==> flow/design.v <==
module my_sub_unit #(
  parameter integer DATA_WIDTH = 6
) (
  input logic clk,
  input logic clr,
  input logic [DATA_WIDTH-1:0] opa,
  input logic [DATA_WIDTH-1:0] opb,
  input logic subtract,
  output logic [DATA_WIDTH-1:0] delta,
  output logic cout
);
  logic [DATA_WIDTH-1:0] w2;
  assign w2 = opb ^ {DATA_WIDTH{subtract}};
  logic [DATA_WIDTH:0] work;
  assign work = opa + w2 + subtract;
  always_ff @(posedge clk or posedge clr) begin
    if (clr) begin
      delta <= 0;
    end else begin
      delta <= work[DATA_WIDTH-1:0];
    end
  end
  always_ff @(posedge clk or posedge clr) begin
    if (clr) begin
      cout <= 1'b0;
    end else begin
      cout <= work[DATA_WIDTH];
    end
  end
endmodule
---- From RTL to reports: my_sub_unit ----
Module my_sub_unit in several versions that differ in "DATA_WIDTH"; each step lists the members.
The file above is the member DATA_WIDTH=6. Line numbers count from 1 in each member's own file.
Library cell names are shortened.
A cell with - has no value.
set-up
  design top .............................. my_sub_unit
  clock input ............................. clk
  standard-cell library ................... sky130hd
  corner .................................. tt_025C_1v80

---- Members of the sweep ----
Lines of each other member's file that are new or changed against the file above; lines that a member lacks are not shown.
lines new or changed
  DATA_WIDTH  line  source
  10          2     parameter integer DATA_WIDTH = 10
  20          2     parameter integer DATA_WIDTH = 20
  48          2     parameter integer DATA_WIDTH = 48
  96          2     parameter integer DATA_WIDTH = 96
  128         2     parameter integer DATA_WIDTH = 128

---- Word level ----
Yosys after proc, flatten, opt, wreduce and memory -nomap, before mapping. Enables and synchronous resets that opt folds into registers are not counted as muxes. Memory bits, and registers merged into a memory's read port (data or address), are not among the register bits. Print and check cells are not counted. Equal cells are merged and count once.
cells by class
  DATA_WIDTH  bitwise operators  add/subtract/negate cells
  6           1                  2
  10          1                  2
  20          1                  2
  48          1                  2
  96          1                  2
  128         1                  2
operators with widths
  DATA_WIDTH  kind and count
  6           adder 6 x 6 -> 7 bit: 1; adder 7 x 1 -> 7 bit: 1; XOR 6 bit: 1
  10          adder 10 x 10 -> 11 bit: 1; adder 11 x 1 -> 11 bit: 1; XOR 10 bit: 1
  20          adder 20 x 20 -> 21 bit: 1; adder 21 x 1 -> 21 bit: 1; XOR 20 bit: 1
  48          adder 48 x 48 -> 49 bit: 1; adder 49 x 1 -> 49 bit: 1; XOR 48 bit: 1
  96          adder 96 x 96 -> 97 bit: 1; adder 97 x 1 -> 97 bit: 1; XOR 96 bit: 1
  128         adder 128 x 128 -> 129 bit: 1; adder 129 x 1 -> 129 bit: 1; XOR 128 bit: 1
word-level totals
  DATA_WIDTH  output and inout bits  input bits  word-level cells  flip-flop bits (word level)
  6           7                      15          5                 7
  10          11                     23          5                 11
  20          21                     43          5                 21
  48          49                     99          5                 49
  96          97                     195         5                 97
  128         129                    259         5                 129

---- Longest topological paths ----
Depth = most cells in a row (Yosys ltp): at word level without a register or memory, in the mapped netlist without a sequential cell, where the memories' decode and read muxes count.
logic depth
  DATA_WIDTH  word-level depth  ABC_AREA  depth in mapped cells
  6           3                 0         7
  10          3                 0         8
  20          3                 0         11
  48          3                 0         13
  96          3                 0         16
  128         3                 0         17

---- Netlist ----
Yosys stat after the flow's synthesis: flattened, memories mapped to cells. It holds for the ABC_AREA given above (unset counts as 0); a run with the other value may have another netlist.
cells by type
  DATA_WIDTH  types with counts
  6           dfrtp_1: 7; ha_1: 6; xor2_1: 8; fa_1: 1; a21o_1: 2; a21oi_1: 3; mux2i_2: 1; a211oi_2: 1; buf_6: 1; inv_1: 3; o22a_1: 1; xnor2_1: 1; a211oi_1: 1; nand2_1: 2; o21bai_1: 1; and2_1: 1; nand4_1: 1; o22ai_1: 1; [+4]
  10          dfrtp_1: 11; ha_1: 10; xor2_1: 13; a21o_1: 6; xnor2_1: 4; a31oi_4: 1; fa_1: 1; a31o_4: 1; a21oi_1: 3; mux2_4: 1; nand3_1: 3; or4_1: 2; a211oi_2: 1; and3_1: 2; o31ai_2: 1; buf_6: 1; inv_1: 3; a221o_1: 1; [+11]
  20          dfrtp_1: 21; ha_1: 19; xor2_1: 26; xnor2_1: 11; a21o_1: 8; a21oi_1: 12; nor2_1: 13; nand2_1: 12; o21ai_0: 7; o21a_1: 4; inv_1: 7; nand3_1: 5; a31oi_4: 1; buf_2: 4; fa_1: 1; o311ai_2: 1; a211oi_1: 2; a221oi_2: 1; [+29]
  48          dfrtp_1: 49; ha_1: 50; xor2_1: 66; a21oi_1: 50; xnor2_1: 25; a21o_1: 24; nand2_1: 36; o21ai_0: 25; nor2_1: 30; nand4_1: 13; nand3_1: 15; clkbuf_1: 17; inv_1: 17; a31oi_1: 10; o21bai_1: 8; nor3_1: 9; o21a_1: 6; a211oi_1: 5; [+70]
  96          dfrtp_1: 97; ha_1: 101; xor2_1: 131; a21oi_1: 136; xnor2_1: 56; o21ai_0: 73; a21o_1: 42; nand2_1: 83; nor2_1: 65; nand4_1: 34; clkbuf_1: 43; o21bai_1: 21; inv_1: 35; nand3_1: 20; nor3_1: 20; a211oi_1: 13; o211ai_1: 11; nand2b_1: 10; [+119]
  128         dfrtp_1: 129; ha_1: 141; xor2_1: 170; a21oi_1: 197; xnor2_1: 79; nand2_1: 132; o21ai_0: 91; a21o_1: 60; nand4_1: 63; nor2_1: 99; o21bai_1: 46; inv_1: 57; clkbuf_1: 50; o21a_1: 22; nor3_1: 25; o31ai_1: 14; a31oi_1: 16; buf_2: 20; [+194]
A list marked [+n] leaves out that many cells.
synthesis totals
  DATA_WIDTH  buffers  mapped area (um^2)  mapped flip-flops  cell count
  6           1        498.0               7                  46
  10          2        842.1               11                 76
  20          6        1744.2              21                 184
  48          23       4554.4              49                 525
  96          54       9295.2              97                 1110
  128         73       13202.7             129                1605

---- Timing after synthesis ----
OpenSTA on the mapped netlist: ideal clock, no wires. The path of least setup slack (recovery checks aside). Input and output delay are each 20% of the period. Register names are those of the netlist, which keeps one name where synthesis merged equal registers.
path after synthesis
  DATA_WIDTH  path kind     start point          end point            setup slack (ns)  period (ns)  stages  path delay (ns)  synthesis period reached (ns)
  6           input-to-reg  input port subtract  register cout        0.342             2.15         7       1.378            1.808
  10          input-to-reg  input port subtract  register delta[8]    0.443             2.78         8       1.781            2.337
  20          input-to-reg  input port subtract  register cout        0.533             3.34         10      2.139            2.807
  48          input-to-reg  input port subtract  register delta[45]   0.828             5.18         13      3.316            4.352
  96          input-to-reg  input port subtract  register delta[94]   0.984             6.14         16      3.928            5.156
  128         input-to-reg  input port subtract  register delta[122]  0.991             6.2          16      3.969            5.209
"path delay" is the arrival time less input delay plus setup time.
"stages": output pins that drive a net of the path, with the launching flip-flop's if there is one; two outputs of one cell count as two.
"synthesis period reached" is the clock period less the worst setup slack; recovery checks do not enter. This is arithmetic on one report: input and output delays are still those of the set period (20% each).
Between the ends stands the longest chain of elaborated cells between them, by number of cells; it is not shown to be the way that was timed. Of several equally long chains one is given.
Each line given opens the expression or statement behind the cell; cells for indexed reads and writes are added by Yosys, which also makes memories of some case tables.
between the ends, after synthesis, DATA_WIDTH=6
  cells in the longest elaborated chain ... 3
ends and longest elaborated chain, after synthesis, DATA_WIDTH=6
  element               line  source
  start, declared       8     input logic subtract,
  XOR 6 bit             13    assign w2 = opb ^ {DATA_WIDTH{subtract}};
  adder 6 x 6 -> 7 bit  15    assign work = opa + w2 + subtract;
  adder 7 x 1 -> 7 bit  15
  end, assigned         25    cout <= 1'b0;
  end, assigned         27    cout <= work[DATA_WIDTH];
  end, declared         10    output logic cout
between the ends, after synthesis, DATA_WIDTH=128
  cells in the longest elaborated chain ... 3
ends and longest elaborated chain, after synthesis, DATA_WIDTH=128
  element                     line  source
  start, declared             8     input logic subtract,
  XOR 128 bit                 13    assign w2 = opb ^ {DATA_WIDTH{subtract}};
  adder 128 x 128 -> 129 bit  15    assign work = opa + w2 + subtract;
  adder 129 x 1 -> 129 bit    15
  end, assigned               18    delta <= 0;
  end, assigned               20    delta <= work[DATA_WIDTH-1:0];
  end, declared               9     output logic [DATA_WIDTH-1:0] delta,

---- Timing after layout ----
From the final timing report of the run of each member: the path of least setup slack in the routed layout; clock arrival at registers is part of the times.
path after layout
  DATA_WIDTH  path kind     start point          end point           arrival time (ns)  setup slack (ns)  period (ns)  stages
  6           input-to-reg  input port opb[0]    register cout       2.20               0.09              2.15         7
  10          input-to-reg  input port opb[0]    register delta[8]   2.75               0.22              2.78         8
  20          input-to-reg  input port subtract  register cout       3.15               0.33              3.34         10
  48          input-to-reg  input port opb[9]    register cout       4.06               1.27              5.18         11
  96          input-to-reg  input port opb[3]    register delta[95]  5.19               1.19              6.14         14
  128         input-to-reg  input port subtract  register delta[55]  5.64               0.91              6.2          13

---- Layout results ----
Settings and results of one run of the flow (Yosys, OpenROAD) for each member follow. The constraints put input and output delay at 20% of the set period each and load the outputs with 0.01 pF.
flow settings
  CAP_MARGIN .............................. 20
  CORE_MARGIN ............................. 2
  CORE_UTILIZATION ........................ 40
  SLEW_MARGIN ............................. 20
settings that differ
  DATA_WIDTH  period_ns
  6           2.15
  10          2.78
  20          3.34
  48          5.18
  96          6.14
  128         6.2
final reports
  DATA_WIDTH  cell area after synthesis (um^2)  lowest setup slack (ns)  die outline area (um^2)  utilization (%)
  6           498.0                             0.091                    1543.3                   70.4
  10          842.1                             0.219                    2488.0                   66.4
  20          1744.2                            0.329                    4904.9                   59.2
  48          4554.4                            1.274                    12255.6                  57.2
  96          9295.2                            1.188                    24473.5                  56.1
  128         13202.7                           0.913                    34475.2                  55.5
